==> flow/design.v <==
module cpu_relation_n #(
    parameter integer W = 7,
    parameter integer COUNT = 3
) (
    input wire clk,
    input wire RSTN,
    input wire step,
    input wire [COUNT*W-1:0] in_i,
    output reg [W-1:0] high_o
);
    reg [W-1:0] nxt;
    integer n;
    always @(*) begin
        nxt = in_i[W-1:0];
        for (n = 1; n < COUNT; n = n + 1)
            if (in_i[n*W +: W] > nxt) nxt = in_i[n*W +: W];
    end
    always @(posedge clk or negedge RSTN) begin
        if (!RSTN) begin
            high_o <= 0;
        end else if (step) begin
            high_o <= nxt;
        end
    end
endmodule
# From RTL to reports: cpu_relation_n
# What the tools print for cpu_relation_n, step after step.
# Line numbers count from 1 in the design file above.
# Library cell names are shortened.
# The mark n/a stands for no value.
[design]
top_module = "cpu_relation_n"
clock = "clk"
library = "sky130hd"
corner = "tt_025C_1v80"

# Elaborated design
# Counts by Yosys on the flattened word-level netlist (proc, flatten, opt, wreduce; memories kept). Register bits leave out memories and registers merged into their read ports (data or address); mux counts leave out enables and synchronous resets folded into registers. Print and check cells are left out. Cells with the same type and inputs are merged into one.
[bits]
reg_bits = 7
inputBits = 24
out_inout_bits = 7
word_cells = 5
[op_classes]
n_cmp = 2
muxes = 2
[ops]
columns = ["op", "count"]
rows = [
  ["greater-than comparator 7 bit", 2],
  ["two-way mux 7 bit", 2],
]

# Depth
# Depth = most cells in a row (Yosys ltp): at word level without a register or memory, in the mapped netlist without a sequential cell, where the memories' decode and read muxes count.
[depth]
ltp_word = 4
abc_area = 0
mapped_depth = 13
depth_no_buf = 13

# Synthesis result
# The flow's flattened synthesis, as Yosys stat reports it; memories are mapped. The netlist is that of the ABC_AREA named above (0 if unset); the other value can give another one.
# Totals and module areas in this step are rounded.
[synth_totals]
mapped_cells = 84
area_mm2 = 0.000769
sequential_area_mm2 = 0.000175
flip_flops = 7
n_buf = 1
[types]
columns = ["cell", "count", "type_area_um2"]
rows = [
  ["dfrtp_1", 7, 175.168],
  ["ha_1", 14, 175.168],
  ["mux2i_1", 7, 70.067],
  ["inv_1", 15, 56.304],
  ["o221ai_1", 6, 52.55],
  ["nand3_1", 8, 40.038],
  ["a21oi_2", 4, 35.034],
  ["nand3b_1", 3, 22.522],
  ["o21bai_4", 1, 18.768],
  ["o31a_4", 1, 17.517],
  ["nand2b_4", 1, 13.763],
  ["a211oi_2", 1, 12.512],
  ["nand4_1", 2, 12.512],
  ["nor2_1", 3, 11.261],
  ["a21oi_1", 2, 10.01],
  ["nand2_1", 2, 7.507],
  ["o211ai_1", 1, 7.507],
  ["nand2b_1", 1, 6.256],
]
# Not listed: further types 5, cells in them 5.

# Worst setup path after synthesis
# OpenSTA on the mapped netlist: ideal clock, no wires. The path of least setup slack (recovery checks aside). Input and output delay are each 20% of the period. Register names are those of the netlist, which keeps one name where synthesis merged equal registers.
[synth_path]
path_kind = "input to register"
start = "in in_i[2]"
end = "reg high_o[0]"
period_ps = 3590
in_delay_ps = 718
setup_ps = 90
launch_ps = 718
t_arrival_ps = 2928
t_required_ps = 3500
slack_ps = 572
delay_ps = 2300
path_stages = 12
path_buffers = 0
period_less_setup_slack_ps = 3018
# "delay_ps" is the arrival time less input delay plus setup time.
# "path_stages" counts driving pins, that of a launching flip-flop among them; a cell with two outputs on the path counts twice.
# "period_less_setup_slack_ps" = period - worst setup slack (recovery checks aside). The figure is calculated, with input and output delays left at 20% of the set period.
# The rows between start and end are the longest chain of elaborated cells between them; the timing report does not say that the signal goes this way. Where chains are equally long, one stands for them.
# A line is the first line of the expression or statement that the cell stems from. Yosys adds cells for indexed reads and writes and turns some case tables into memories.
[synth_between]
path_cell_list = "inv_1 -> ha_1 -> a21oi_2 -> a21oi_2 -> o21bai_4 -> mux2i_1 -> ha_1 -> a21oi_2 -> a21oi_2 -> o31a_4 -> nand2b_4 -> o221ai_1"
elab_chain_cells = 4
cells_between = 4
lines_between = 1
classes_between = "compare (2); mux (2)"
[synth_lines]
columns = ["item", "line_no", "text"]
rows = [
  ["start, declared", 8, "input wire [COUNT*W-1:0] in_i,"],
  ["greater-than comparator 7 bit", 16, "if (in_i[n*W +: W] > nxt) nxt = in_i[n*W +: W];"],
  ["two-way mux 7 bit", 16, ""],
  ["greater-than comparator 7 bit", 16, ""],
  ["two-way mux 7 bit", 16, ""],
  ["end, assigned", 20, "high_o <= 0;"],
  ["end, assigned", 22, "high_o <= nxt;"],
  ["end, declared", 9, "output reg [W-1:0] high_o"],
]

# Worst path after layout
# Path of least setup slack in the final report of run B (OpenROAD, finished layout, wires in). Where an end is a register, its clock arrival counts in the times.
# The path's times are printed in steps of 10 ps; the period is the one set.
[layout_path]
path_kind = "input to register"
start = "in in_i[4]"
end = "reg high_o[0]"
period_ps = 3590
in_delay_ps = 720
setup_ps = 90
launch_ps = 720
t_arrival_ps = 3610
t_required_ps = 3750
slack_ps = 150
path_stages = 13
path_buffers = 1
# The rows between start and end are the longest chain of elaborated cells between them; the timing report does not say that the signal goes this way. Where chains are equally long, one stands for them.
[layout_between]
path_cell_list = "clkdlybuf4s50_1 -> inv_1 -> ha_1 -> a21oi_1 -> o21ai_2 -> o21bai_4 -> mux2i_1 -> ha_1 -> a21oi_2 -> a21oi_2 -> o31a_4 -> nand2b_4 -> o221ai_1"
elab_chain_cells = 4
cells_between = 4
lines_between = 1
classes_between = "compare (2); mux (2)"
[layout_lines]
columns = ["item", "line_no", "text"]
rows = [
  ["start, declared", 8, "input wire [COUNT*W-1:0] in_i,"],
  ["greater-than comparator 7 bit", 16, "if (in_i[n*W +: W] > nxt) nxt = in_i[n*W +: W];"],
  ["two-way mux 7 bit", 16, ""],
  ["greater-than comparator 7 bit", 16, ""],
  ["two-way mux 7 bit", 16, ""],
  ["end, assigned", 20, "high_o <= 0;"],
  ["end, assigned", 22, "high_o <= nxt;"],
  ["end, declared", 9, "output reg [W-1:0] high_o"],
]

FLOW RESULTS
============

Stored flow runs of cpu_relation_n (3 of them; Yosys, OpenROAD, sky130hd). They differ in their settings and are not a sequence. Constraints: input delay and output delay 20% of the set period each, output load 0.01 pF.
"period_reached_ps" is the run's clock period less its worst setup slack. It is reckoned from that one timing run; input and output delays stay at 20% of the period that was set.
By "worst_path_time_ps" is meant the share of the clock period that the worst setup path is allowed (20% is reserved at inputs, 20% at outputs), minus its slack. Clock arrival times at its registers enter into it.
"totalPower_uw" is the tool's figure for a default switching activity; nothing was simulated.
"worst_path_time_ps" is given in steps of 10 ps.
The results are shown rounded.

# run A
==> flow/run.sh <==
#!/bin/bash
# the make line also repeats the synthesis and layout settings of config.mk as NAME=value (left out here)
make -C /OpenROAD-flow-scripts/flow DESIGN_CONFIG=/design/flow/config.mk WORK_HOME=/design/flow/orfs CLKGATE_MAP_FILE= finish
==> flow/config.mk <==
export PLATFORM = sky130hd
export DESIGN_NAME = cpu_relation_n
export DESIGN_NICKNAME = cpu_relation_n
export VERILOG_FILES = /design/flow/design.v
export SDC_FILE = /design/flow/constraint.sdc
export NUM_CORES = 4
export LEC_CHECK = 0
export CAP_MARGIN = 40
export CORE_MARGIN = 2
export CORE_UTILIZATION = 56
export CTS_CLUSTER_DIAMETER = 172
export PLACE_DENSITY_LB_ADDON = 0.15
export SLEW_MARGIN = 25
export TNS_END_PERCENT = 35
==> flow/constraint.sdc <==
create_clock -name core_clock -period 3.33 [get_ports {clk}]
set_input_delay 0.6660 -clock core_clock [delete_from_list [all_inputs] [get_ports {clk}]]
set_output_delay 0.6660 -clock core_clock [all_outputs]
set_load 0.01 [all_outputs]

==> run A: results <==
outcome="no results, clock tree synthesis failed with DPL-0038"

# run B
==> flow/run.sh <==
#!/bin/bash
# the make line also repeats the synthesis and layout settings of config.mk as NAME=value (left out here)
make -C /OpenROAD-flow-scripts/flow DESIGN_CONFIG=/design/flow/config.mk WORK_HOME=/design/flow/orfs CLKGATE_MAP_FILE= finish
==> flow/config.mk <==
export PLATFORM = sky130hd
export DESIGN_NAME = cpu_relation_n
export DESIGN_NICKNAME = cpu_relation_n
export VERILOG_FILES = /design/flow/design.v
export SDC_FILE = /design/flow/constraint.sdc
export NUM_CORES = 4
export LEC_CHECK = 0
export CAP_MARGIN = 20
export CORE_MARGIN = 2
export CORE_UTILIZATION = 40
export SLEW_MARGIN = 20
==> flow/constraint.sdc <==
create_clock -name core_clock -period 3.59 [get_ports {clk}]
set_input_delay 0.7180 -clock core_clock [delete_from_list [all_inputs] [get_ports {clk}]]
set_output_delay 0.7180 -clock core_clock [all_outputs]
set_load 0.01 [all_outputs]

==> run B: results <==
synthArea_mm2=0.000769
die_mm2=0.00229
final_stdcell_area_mm2=0.00129
timing.setup.ws_ps=147
tns_setup_ps=0
totalPower_uw=404
period_reached_ps=3443
worst_path_time_ps=2720
path_kind="input to register"

# run C
==> flow/run.sh <==
#!/bin/bash
# the make line also repeats the synthesis and layout settings of config.mk as NAME=value (left out here)
make -C /OpenROAD-flow-scripts/flow DESIGN_CONFIG=/design/flow/config.mk WORK_HOME=/design/flow/orfs CLKGATE_MAP_FILE= finish
==> flow/config.mk <==
export PLATFORM = sky130hd
export DESIGN_NAME = cpu_relation_n
export DESIGN_NICKNAME = cpu_relation_n
export VERILOG_FILES = /design/flow/design.v
export SDC_FILE = /design/flow/constraint.sdc
export NUM_CORES = 4
export LEC_CHECK = 0
export CAP_MARGIN = 20
export CELL_PAD_IN_SITES_GLOBAL_PLACEMENT = 3
export CORE_MARGIN = 2
export CORE_UTILIZATION = 47
export CTS_CLUSTER_DIAMETER = 284
export CTS_CLUSTER_SIZE = 53
export MIN_ROUTING_LAYER = met2
export PLACE_DENSITY = 0.45
export SETUP_SLACK_MARGIN = 1.24
export SLEW_MARGIN = 5
==> flow/constraint.sdc <==
create_clock -name core_clock -period 5.27 [get_ports {clk}]
set_input_delay 1.0540 -clock core_clock [delete_from_list [all_inputs] [get_ports {clk}]]
set_output_delay 1.0540 -clock core_clock [all_outputs]
set_load 0.01 [all_outputs]

==> run C: results <==
outcome="no results, placement failed with GPL-0301"
